==> flow/design.v <==
module u_shifter_top #(
   parameter integer BITS = 14,
   parameter integer LG = $clog2(BITS)
) (
   input  core_clk,
   input  RST,
   input  signed [BITS-1:0] i_d,
   input  [LG-1:0] i_count,
   output [BITS-1:0] o_z_o
);
   reg signed [BITS-1:0] d_reg;
   reg [LG-1:0] count_reg;
   reg signed [BITS-1:0] t_reg;
   reg [1:0] count_reg_lo;
   reg [BITS-1:0] z_o_reg;
   assign o_z_o = z_o_reg;
   always @(posedge core_clk) begin
      if (RST) begin
         d_reg <= 0;
         count_reg <= 0;
         t_reg <= 0;
         count_reg_lo <= 0;
         z_o_reg <= 0;
      end else begin
         d_reg <= i_d;
         count_reg <= i_count;
         t_reg <= d_reg >>> {count_reg[LG-1:2], 2'b00};
         count_reg_lo <= count_reg[1:0];
         z_o_reg <= t_reg >>> count_reg_lo;
      end
   end
endmodule
Subject: tool reports on u_shifter_top

Hi,

==> Step by step through the tools: u_shifter_top <==
Tool output for the members of one design family, told apart by "BITS", in the order of the flow.
The RTL above is that of BITS=14; lines are counted from 1 in the file of the member named.
Operators carry their Yosys type and port widths (W data, S select, Z words).
Library cell names are shortened.
{ "setup": {"top": "u_shifter_top", "clk_port": "core_clk", "cell_library": "sky130hd", "pvt_corner": "tt_025C_1v80"} }

==> Source of the members <==
Lines of each other member's file that are new or changed against the file above; lines that a member lacks are not shown.
{ "src_changes": {"columns": ["BITS", "line", "text"], "rows": [
  [20, 2, "parameter integer BITS = 20,"],
  [28, 2, "parameter integer BITS = 28,"],
  [48, 2, "parameter integer BITS = 48,"],
  [96, 2, "parameter integer BITS = 96,"]
]} }

==> Word-level counts <==
Counts by Yosys on the flattened word-level netlist (proc, flatten, opt, wreduce; memories kept). Register bits leave out memories and registers merged into their read ports (data or address); mux counts leave out enables and synchronous resets folded into registers. Print and check cells are left out. Cells with the same type and inputs are merged into one.
{ "word_totals": {"columns": ["BITS", "reg_bits", "input_bits", "output_inout_bits", "elab_cells"], "rows": [
  [14, 48, 20, 14, 7],
  [20, 67, 27, 20, 7],
  [28, 91, 35, 28, 7],
  [48, 152, 56, 48, 7],
  [96, 297, 105, 96, 7]
]} }
{ "op_classes": {"columns": ["BITS", "shift"], "rows": [
  [14, 2],
  [20, 2],
  [28, 2],
  [48, 2],
  [96, 2]
]} }
{ "ops": {"columns": ["BITS", "operators"], "rows": [
  [14, "1 x $sshr A14 B2 Y14; 1 x $sshr A14 B4 Y14"],
  [20, "1 x $sshr A20 B2 Y20; 1 x $sshr A20 B5 Y20"],
  [28, "1 x $sshr A28 B2 Y28; 1 x $sshr A28 B5 Y28"],
  [48, "1 x $sshr A48 B2 Y48; 1 x $sshr A48 B6 Y48"],
  [96, "1 x $sshr A96 B2 Y96; 1 x $sshr A96 B7 Y96"]
]} }

==> Depth <==
Longest topological path by Yosys (ltp), each cell counted once; first at word level (registers and memories cut), then after technology mapping (sequential cells cut; the memories' decode and read muxes count).
{ "logic_depth": {"columns": ["BITS", "depth_word", "ABC_AREA", "ltp_mapped", "ltp_nobuf"], "rows": [
  [14, 1, 0, 5, 3],
  [20, 1, 0, 5, 3],
  [28, 1, 0, 6, 3],
  [48, 1, 0, 7, 4],
  [96, 1, 0, 9, 5]
]} }

==> After synthesis <==
The flow's flattened synthesis, as Yosys stat reports it; memories are mapped. The netlist is that of the ABC_AREA named above (0 if unset); the other value can give another one.
{ "mapped": {"columns": ["BITS", "cells", "yosys_area_mm2", "seq_area_mm2", "ffs", "n_buf"], "rows": [
  [14, 152, 0.0018205, 0.0009609, 48, 12],
  [20, 212, 0.0026138, 0.0013413, 67, 15],
  [28, 326, 0.0039951, 0.0018217, 91, 27],
  [48, 568, 0.0069942, 0.0030429, 152, 49],
  [96, 1345, 0.0148029, 0.0059457, 297, 122]
]} }
{ "types": {"columns": ["BITS", "cell_types"], "rows": [
  [14, "48 x dfxtp_1; 12 x mux4_2; 38 x nor2b_1; 4 x a221o_1; 4 x a22o_1; 4 x nor4b_1; 4 x a211oi_1; 8 x nor2_1; 5 x a21oi_1; 1 x buf_12; 4 x buf_2; 5 x nand2_1; 4 x buf_1; 1 x nor2b_4; 2 x nand2b_1; 1 x buf_6; 1 x mux2_1; 1 x mux2i_1; (+5)"],
  [20, "67 x dfxtp_1; 17 x mux4_2; 46 x nor2b_1; 13 x mux2i_1; 3 x mux4_1; 9 x a21oi_1; 5 x nand3b_1; 4 x o221ai_1; 9 x nand2_1; 4 x o211ai_1; 7 x clkbuf_1; 7 x nor2_1; 3 x a211oi_1; 3 x buf_4; 3 x buf_2; 1 x nor4b_2; 1 x buf_6; 1 x mux2_2; (+9)"],
  [28, "91 x dfxtp_1; 29 x mux4_2; 66 x nor2b_1; 11 x mux2_4; 12 x a211oi_1; 4 x buf_12; 7 x buf_6; 14 x a21oi_1; 3 x mux2i_4; 16 x nor2_1; 3 x mux2_1; 3 x mux2_2; 4 x buf_4; 8 x clkbuf_1; 4 x o211ai_1; 1 x mux4_1; 7 x nand2_1; 4 x nand2b_1; (+39)"],
  [48, "152 x dfxtp_1; 76 x mux4_2; 103 x nor2b_1; 7 x mux4_1; 17 x mux2i_1; 19 x o22ai_1; 23 x a21oi_1; 9 x mux2_2; 25 x nand2_1; 17 x buf_2; 20 x clkbuf_1; 8 x a221oi_1; 18 x nor2_1; 13 x o21ai_0; 7 x a22oi_1; 7 x buf_4; 8 x nand2b_1; 4 x buf_6; (+35)"],
  [96, "297 x dfxtp_1; 134 x mux4_2; 204 x nor2b_1; 108 x mux2i_1; 96 x nand2_1; 28 x mux2_2; 69 x nor2_1; 50 x a21oi_1; 55 x clkbuf_1; 40 x buf_2; 37 x o21ai_1; 12 x buf_6; 17 x o211ai_1; 11 x mux2_1; 24 x o21ai_0; 17 x a31oi_1; 13 x a22oi_1; 12 x o22ai_1; (+121)"]
]} }
The mark (+n) counts cells that are not listed.

==> Worst setup path after synthesis <==
Source: OpenSTA report_checks on the synthesized netlist (no wires, ideal clock, input and output delay 20% of the period each), path of least setup slack; recovery checks are left aside. Register names are those of the netlist, which keeps one name where synthesis merged equal registers.
{ "synth_timing": {"columns": ["BITS", "kind", "from", "to", "period_ns", "slack_ns", "stages", "delay_ns", "period_less_setup_slack_ns"], "rows": [
  [14, "register to register", "reg count_reg_lo[0]", "reg z_o_reg[10]", 1.61, 0.322, 5, 1.288, 1.288],
  [20, "register to register", "reg count_reg_lo[0]", "reg z_o_reg[15]", 1.59, 0.318, 4, 1.272, 1.272],
  [28, "register to register", "reg count_reg_lo[0]", "reg z_o_reg[2]", 1.58, 0.318, 4, 1.262, 1.262],
  [48, "register to register", "reg count_reg[3]", "reg t_reg[24]", 1.9, 0.382, 7, 1.519, 1.518],
  [96, "register to register", "reg count_reg[3]", "reg t_reg[36]", 2.28, 0.455, 8, 1.825, 1.825]
]} }
"delay_ns" is the arrival time less input delay plus setup time.
"stages" counts driving pins, that of a launching flip-flop among them; a cell with two outputs on the path counts twice.
"period_less_setup_slack_ns" = period - worst setup slack (recovery checks aside). The figure is calculated, with input and output delays left at 20% of the set period.
Between the ends stands the longest chain of elaborated cells between them, by number of cells; it is not shown to be the way that was timed. Of several equally long chains one is given.
A line is the first line of the expression or statement that the cell stems from. Yosys adds cells for indexed reads and writes and turns some case tables into memories.
{ "synth_via_BITS_14": {"elab_chain_cells": 1} }
{ "synth_rtl_BITS_14": {"columns": ["element", "line", "text"], "rows": [
  ["from (decl)", 14, "reg [1:0] count_reg_lo;"],
  ["from (assign)", 22, "count_reg_lo <= 0;"],
  ["from (assign)", 28, "count_reg_lo <= count_reg[1:0];"],
  ["$sshr A14 B2 Y14", 29, "z_o_reg <= t_reg >>> count_reg_lo;"],
  ["to (assign)", 23, "z_o_reg <= 0;"],
  ["to (assign)", 29, null],
  ["to (decl)", 15, "reg [BITS-1:0] z_o_reg;"]
]} }
{ "synth_via_BITS_96": {"elab_chain_cells": 1} }
{ "synth_rtl_BITS_96": {"columns": ["element", "line", "text"], "rows": [
  ["from (decl)", 12, "reg [LG-1:0] count_reg;"],
  ["from (assign)", 20, "count_reg <= 0;"],
  ["from (assign)", 26, "count_reg <= i_count;"],
  ["$sshr A96 B7 Y96", 27, "t_reg <= d_reg >>> {count_reg[LG-1:2], 2'b00};"],
  ["to (assign)", 21, "t_reg <= 0;"],
  ["to (assign)", 27, null],
  ["to (decl)", 13, "reg signed [BITS-1:0] t_reg;"]
]} }

==> Worst path after layout <==
Path of least setup slack in the final report of the run of each member (OpenROAD, finished layout, wires in). Where an end is a register, its clock arrival counts in the times.
{ "layout_timing": {"columns": ["BITS", "kind", "from", "to", "period_ns", "slack_ns", "stages", "arrival_ns", "path_buffers"], "rows": [
  [14, "register to output", "reg z_o_reg[11]", "out o_z_o[11]", 1.61, 0.14, 2, 1.15, 1],
  [20, "register to output", "reg z_o_reg[18]", "out o_z_o[18]", 1.59, 0.09, 2, 1.18, 1],
  [28, "register to output", "reg z_o_reg[19]", "out o_z_o[19]", 1.58, 0.05, 2, 1.21, 1],
  [48, "register to register", "reg count_reg[3]", "reg t_reg[4]", 1.9, 0.06, 7, 2.14, 2],
  [96, "register to register", "reg count_reg[3]", "reg t_reg[38]", 2.28, -0.01, 8, 2.69, 2]
]} }

==> Flow runs <==
Settings and results of one run of the flow (Yosys, OpenROAD) for each member follow. The constraints put input and output delay at 20% of the set period each and load the outputs with 0.01 pF.
{ "flow_settings": {"CAP_MARGIN": 20, "CORE_MARGIN": 2, "CORE_UTILIZATION": 40, "SLEW_MARGIN": 20} }
{ "settings_diff": {"columns": ["BITS", "period_ns"], "rows": [
  [14, 1.61],
  [20, 1.59],
  [28, 1.58],
  [48, 1.9],
  [96, 2.28]
]} }
{ "results": {"columns": ["BITS", "synthesis_area_mm2", "final_die_area_mm2", "layout_stdcell_area_mm2", "utilization_pct", "setup_worst_slack_ns", "tns_ns", "worst_hold_slack_ns", "fin_power_w", "period_reached_ns"], "rows": [
  [14, 0.0018205, 0.0051065, 0.0022772, 51.9, 0.136, 0.000, 0.442, 0.00225, 1.474],
  [20, 0.0026138, 0.007197, 0.0033732, 53.1, 0.090, 0.000, 0.400, 0.003555, 1.500],
  [28, 0.0039951, 0.0108035, 0.0048747, 50.1, 0.051, 0.000, 0.316, 0.004754, 1.529],
  [48, 0.0069942, 0.0185586, 0.0090462, 52.7, 0.059, 0.000, 0.372, 0.008038, 1.841],
  [96, 0.0148029, 0.0385612, 0.0192359, 52.7, -0.014, -0.014, 0.222, 0.013757, 2.294]
]} }
By "period_reached_ns" is meant the clock period of the run minus its worst setup slack. This is arithmetic on one report: input and output delays are still those of the set period (20% each).
"fin_power_w" is the tool's figure for a default switching activity; nothing was simulated.

Regards
